==> flow/design.v <==
module cmp_unit_stage #(
   parameter WD = 64
) (
   input wire ck,
   input wire nrst,
   input wire [WD-1:0] i_x,
   input wire [WD-1:0] i_y,
   output reg [WD-1:0] o_low,
   output reg [WD-1:0] o_high
);
   reg [WD-1:0] x_reg;
   always @(posedge ck or negedge nrst) begin
      if (!nrst) begin
         x_reg <= 0;
      end else begin
         x_reg <= i_x;
      end
   end
   reg [WD-1:0] y_reg;
   always @(posedge ck or negedge nrst) begin
      if (!nrst) begin
         y_reg <= 0;
      end else begin
         y_reg <= i_y;
      end
   end
   reg r_reg;
   always @(posedge ck or negedge nrst) begin
      if (!nrst) begin
         r_reg <= 1'b0;
      end else begin
         r_reg <= (x_reg < y_reg);
      end
   end
   reg [WD-1:0] x_reg_d;
   always @(posedge ck or negedge nrst) begin
      if (!nrst) begin
         x_reg_d <= 0;
      end else begin
         x_reg_d <= x_reg;
      end
   end
   reg [WD-1:0] y_reg_d;
   always @(posedge ck or negedge nrst) begin
      if (!nrst) begin
         y_reg_d <= 0;
      end else begin
         y_reg_d <= y_reg;
      end
   end
   always @(posedge ck or negedge nrst) begin
      if (!nrst) begin
         o_low <= 0;
      end else begin
         o_low <= r_reg ? x_reg_d : y_reg_d;
      end
   end
   always @(posedge ck or negedge nrst) begin
      if (!nrst) begin
         o_high <= 0;
      end else begin
         o_high <= r_reg ? y_reg_d : x_reg_d;
      end
   end
endmodule
---- Tool chain data of cmp_unit_stage ----
What the tools print for cmp_unit_stage, step after step.
Lines are those of the file above, counted from 1.
Operators carry their Yosys type and port widths (W data, S select, Z words).
Library cell names are shortened.
Not given: -
design
  top ..................................... cmp_unit_stage
  clock input ............................. ck
  library ................................. sky130hd
  library corner .......................... tt_025C_1v80

---- After elaboration ----
Counts by Yosys on the flattened word-level netlist (proc, flatten, opt, wreduce; memories kept). Register bits leave out memories and registers merged into their read ports (data or address); mux counts leave out enables and synchronous resets folded into registers. Print and check cells are left out. Cells with the same type and inputs are merged into one.
storage and ports
  register bits after elaboration ......... 385
  input bits .............................. 130
  output and inout bits ................... 128
  word-level cells ........................ 10
cells by class
  magnitude comparators ................... 1
  muxes and demuxes ....................... 2
operators with widths
  kind            number
  $mux W64        2
  $lt A64 B64 Y1  1

---- Depth ----
Depth = most cells in a row (Yosys ltp): at word level without a register or memory, in the mapped netlist without a sequential cell, where the memories' decode and read muxes count.
depth
  depth after elaboration ................. 1
  ABC_AREA ................................ 0
  mapped depth ............................ 8
  depth with buffers taken out ............ 8

---- Synthesis result ----
Yosys stat after the flow's synthesis: flattened, memories mapped to cells. It holds for the ABC_AREA given above (unset counts as 0); a run with the other value may have another netlist.
synthesis totals
  standard cells after synthesis .......... 753
  synthesis area .......................... 12,704.7 um^2
  area of sequential cells ................ 9,634.2 um^2
  flip-flop cells ......................... 385
  buffer cells ............................ 14
cells by type
  cell type  number  total area (um^2)
  dfrtp_1    385     9,634.24
  mux2_2     128     1.44E+03
  ha_1       63      788.256
  inv_1      65      243.984
  a21oi_1    28      140.134
  nand2_1    20      75.072
  o21ai_0    12      60.058
  clkbuf_1   12      45.043
  nand4_1    7       43.792
  a221oi_1   3       26.275
  and4_1     3       26.275
  or4_4      2       22.522
  nor2_1     5       18.768
  a21o_1     2       15.014
  nand3_1    3       15.014
  o21a_1     2       15.014
  nand4_2    1       12.512
  a221o_1    1       10.01
Not listed: further types 10, cells in them 11.

---- Worst setup path after synthesis ----
OpenSTA on the mapped netlist: ideal clock, no wires. The path of least setup slack (recovery checks aside). Input and output delay are each 20% of the period. Register names are those of the netlist, which keeps one name where synthesis merged equal registers.
timing path after synthesis
  kind .................................... register to register
  start point ............................. register x_reg[55]
  end point ............................... register r_reg
  clock period ............................ 2,760 ps
  setup time .............................. 124 ps
  launch time at the first pin ............ 0 ps
  arrival ................................. 2,081 ps
  data required time ...................... 2,636 ps
  setup slack ............................. 555 ps
  path delay .............................. 2,205 ps
  stages on the path ...................... 6
  buffers on the path ..................... 0
  period reached after synthesis .......... 2,205 ps
"path delay" = arrival - input delay + setup time.
"stages on the path" counts driving pins, that of a launching flip-flop among them; a cell with two outputs on the path counts twice.
"period reached after synthesis" is the clock period less the worst setup slack; recovery checks do not enter. This is arithmetic on one report: input and output delays are still those of the set period (20% each).
The rows between start and end are the longest chain of elaborated cells between them; the timing report does not say that the signal goes this way. Where chains are equally long, one stands for them.
Each line given opens the expression or statement behind the cell; cells for indexed reads and writes are added by Yosys, which also makes memories of some case tables.
between the ends, after synthesis
  cell sequence ........................... dfrtp_1 -> ha_1 -> nand4_1 -> or4_4 -> or4_4 -> o31a_1
  cells in the longest elaborated chain ... 1
  elaborated cells on any way between the ends .. 1
  source lines of those cells ............. 1
  those cells by class .................... 1 x compare
ends and longest elaborated chain, after synthesis
  item            RTL line  RTL
  from (decl)     11        reg [WD-1:0] x_reg;
  from (assign)   14        x_reg <= 0;
  from (assign)   16        x_reg <= i_x;
  $lt A64 B64 Y1  32        r_reg <= (x_reg < y_reg);
  to (assign)     30        r_reg <= 1'b0;
  to (assign)     32
  to (decl)       27        reg r_reg;

---- Timing after layout ----
From the final timing report of run A: the path of least setup slack in the routed layout; clock arrival at registers is part of the times.
The report prints the path's times to 10 ps; the period is as set.
timing path post-layout
  kind .................................... register to register
  start point ............................. register x_reg[57]
  end point ............................... register r_reg
  clock period ............................ 1,370 ps
  setup time .............................. 110 ps
  launch time at the first pin ............ 550 ps
  arrival ................................. 2,630 ps
  data required time ...................... 1,810 ps
  setup slack ............................. -820 ps
  stages on the path ...................... 8
  buffers on the path ..................... 0
The rows between start and end are the longest chain of elaborated cells between them; the timing report does not say that the signal goes this way. Where chains are equally long, one stands for them.
between the ends, post-layout
  cell sequence ........................... dfrtp_1 -> ha_4 -> nand4_4 -> or4_4 -> or4_4 -> o22ai_2 -> nor2_1 -> o31a_1
  cells in the longest elaborated chain ... 1
  elaborated cells on any way between the ends .. 1
  source lines of those cells ............. 1
  those cells by class .................... 1 x compare
ends and longest elaborated chain, post-layout
  item            RTL line  RTL
  from (decl)     11        reg [WD-1:0] x_reg;
  from (assign)   14        x_reg <= 0;
  from (assign)   16        x_reg <= i_x;
  $lt A64 B64 Y1  32        r_reg <= (x_reg < y_reg);
  to (assign)     30        r_reg <= 1'b0;
  to (assign)     32
  to (decl)       27        reg r_reg;

Hand-over note for cmp_unit_stage

Record of 3 stored runs of the RTL-to-layout flow on cmp_unit_stage, platform sky130hd. The runs are unordered. Constraints: input delay and output delay 20% of the set period each, output load 0.01 pF.
"clock period reached" = clock period - worst setup slack. The figure is calculated, with input and output delays left at 20% of the set period.
"worst path time": the worst setup path's part of the clock period (all of it between registers, 20% less for each end at a port) less its slack. A launch clock that arrives late makes it longer, a capture clock that arrives late makes it shorter.
By "total power of the final layout" is meant OpenSTA's value without simulated activity: inputs other than the clock are taken to toggle once in ten clock periods, and the tool carries that through the logic.
"worst path time" is given in steps of 10 ps.

======== run A ========
==> flow/run.sh <==
#!/bin/bash
# the make line also repeats the synthesis and layout settings of config.mk as NAME=value (left out here)
make -C /OpenROAD-flow-scripts/flow DESIGN_CONFIG=/design/flow/config.mk WORK_HOME=/design/flow/orfs CLKGATE_MAP_FILE= finish
==> flow/config.mk <==
export PLATFORM = sky130hd
export DESIGN_NAME = cmp_unit_stage
export DESIGN_NICKNAME = cmp_unit_stage
export VERILOG_FILES = /design/flow/design.v
export SDC_FILE = /design/flow/constraint.sdc
export NUM_CORES = 4
export LEC_CHECK = 0
export CAP_MARGIN = 35
export CORE_ASPECT_RATIO = 2.0
export CORE_MARGIN = 6
export CORE_UTILIZATION = 60
export CTS_CLUSTER_DIAMETER = 45
export GPL_ROUTABILITY_DRIVEN = 1
export GPL_TIMING_DRIVEN = 1
export PLACE_DENSITY_LB_ADDON = 0.23
export SLEW_MARGIN = 20
==> flow/constraint.sdc <==
create_clock -name core_clock -period 1.37 [get_ports {ck}]
set_input_delay 0.2740 -clock core_clock [delete_from_list [all_inputs] [get_ports {ck}]]
set_output_delay 0.2740 -clock core_clock [all_outputs]
set_load 0.01 [all_outputs]

-------- measured, run A --------
  post-layout utilization ................. 80.8 %
  Yosys chip area after synthesis ......... 12,704.7 um^2
  die area ................................ 25,023.0 um^2
  total negative slack .................... -820 ps
  standard-cell area after layout ......... 16,607.2 um^2
  worst path time ......................... 2,190 ps
  worst path kind ......................... register to register
  clock period reached .................... 2,188 ps
  post-route worst hold slack ............. 149 ps
  total power of the final layout ......... 24,438 µW
  worst setup slack after layout .......... -818 ps

======== run B ========
==> flow/run.sh <==
#!/bin/bash
# the make line also repeats the synthesis and layout settings of config.mk as NAME=value (left out here)
make -C /OpenROAD-flow-scripts/flow DESIGN_CONFIG=/design/flow/config.mk WORK_HOME=/design/flow/orfs CLKGATE_MAP_FILE= finish
==> flow/config.mk <==
export PLATFORM = sky130hd
export DESIGN_NAME = cmp_unit_stage
export DESIGN_NICKNAME = cmp_unit_stage
export VERILOG_FILES = /design/flow/design.v
export SDC_FILE = /design/flow/constraint.sdc
export NUM_CORES = 4
export LEC_CHECK = 0
export CAP_MARGIN = 20
export CORE_MARGIN = 2
export CORE_UTILIZATION = 40
export SLEW_MARGIN = 20
==> flow/constraint.sdc <==
create_clock -name core_clock -period 2.76 [get_ports {ck}]
set_input_delay 0.5520 -clock core_clock [delete_from_list [all_inputs] [get_ports {ck}]]
set_output_delay 0.5520 -clock core_clock [all_outputs]
set_load 0.01 [all_outputs]

-------- measured, run B --------
  post-route worst hold slack ............. 367 ps
  standard-cell area after layout ......... 17,301.6 um^2
  die area ................................ 33,204.1 um^2
  worst path time ......................... 2,420 ps
  worst path kind ......................... register to register
  total negative slack .................... 0 ps
  post-layout utilization ................. 55.1 %
  Yosys chip area after synthesis ......... 12,704.7 um^2
  total power of the final layout ......... 13,270 µW
  worst setup slack after layout .......... 337 ps
  clock period reached .................... 2,423 ps

======== run C ========
==> flow/run.sh <==
#!/bin/bash
# the make line also repeats the synthesis and layout settings of config.mk as NAME=value (left out here)
make -C /OpenROAD-flow-scripts/flow DESIGN_CONFIG=/design/flow/config.mk WORK_HOME=/design/flow/orfs CLKGATE_MAP_FILE= finish
==> flow/config.mk <==
export PLATFORM = sky130hd
export DESIGN_NAME = cmp_unit_stage
export DESIGN_NICKNAME = cmp_unit_stage
export VERILOG_FILES = /design/flow/design.v
export SDC_FILE = /design/flow/constraint.sdc
export NUM_CORES = 4
export LEC_CHECK = 0
export ABC_AREA = 1
export CAP_MARGIN = 35
export CORE_ASPECT_RATIO = 1.79
export CORE_MARGIN = 2
export CORE_UTILIZATION = 46
export CTS_CLUSTER_DIAMETER = 253
export MAX_ROUTING_LAYER = met5
export PLACE_DENSITY_LB_ADDON = 0.09
export SETUP_SLACK_MARGIN = -0.12
export SLEW_MARGIN = 20
==> flow/constraint.sdc <==
create_clock -name core_clock -period 1.56 [get_ports {ck}]
set_input_delay 0.3120 -clock core_clock [delete_from_list [all_inputs] [get_ports {ck}]]
set_output_delay 0.3120 -clock core_clock [all_outputs]
set_load 0.01 [all_outputs]

-------- measured, run C --------
  standard-cell area after layout ......... 17,211.5 um^2
  total negative slack .................... -29 ps
  total power of the final layout ......... 22,262 µW
  clock period reached .................... 1,589 ps
  die area ................................ 29,191.9 um^2
  post-route worst hold slack ............. 228 ps
  worst setup slack after layout .......... -29 ps
  post-layout utilization ................. 62.9 %
  Yosys chip area after synthesis ......... 12,781.0 um^2
  worst path time ......................... 1,590 ps
  worst path kind ......................... register to register

End of note.
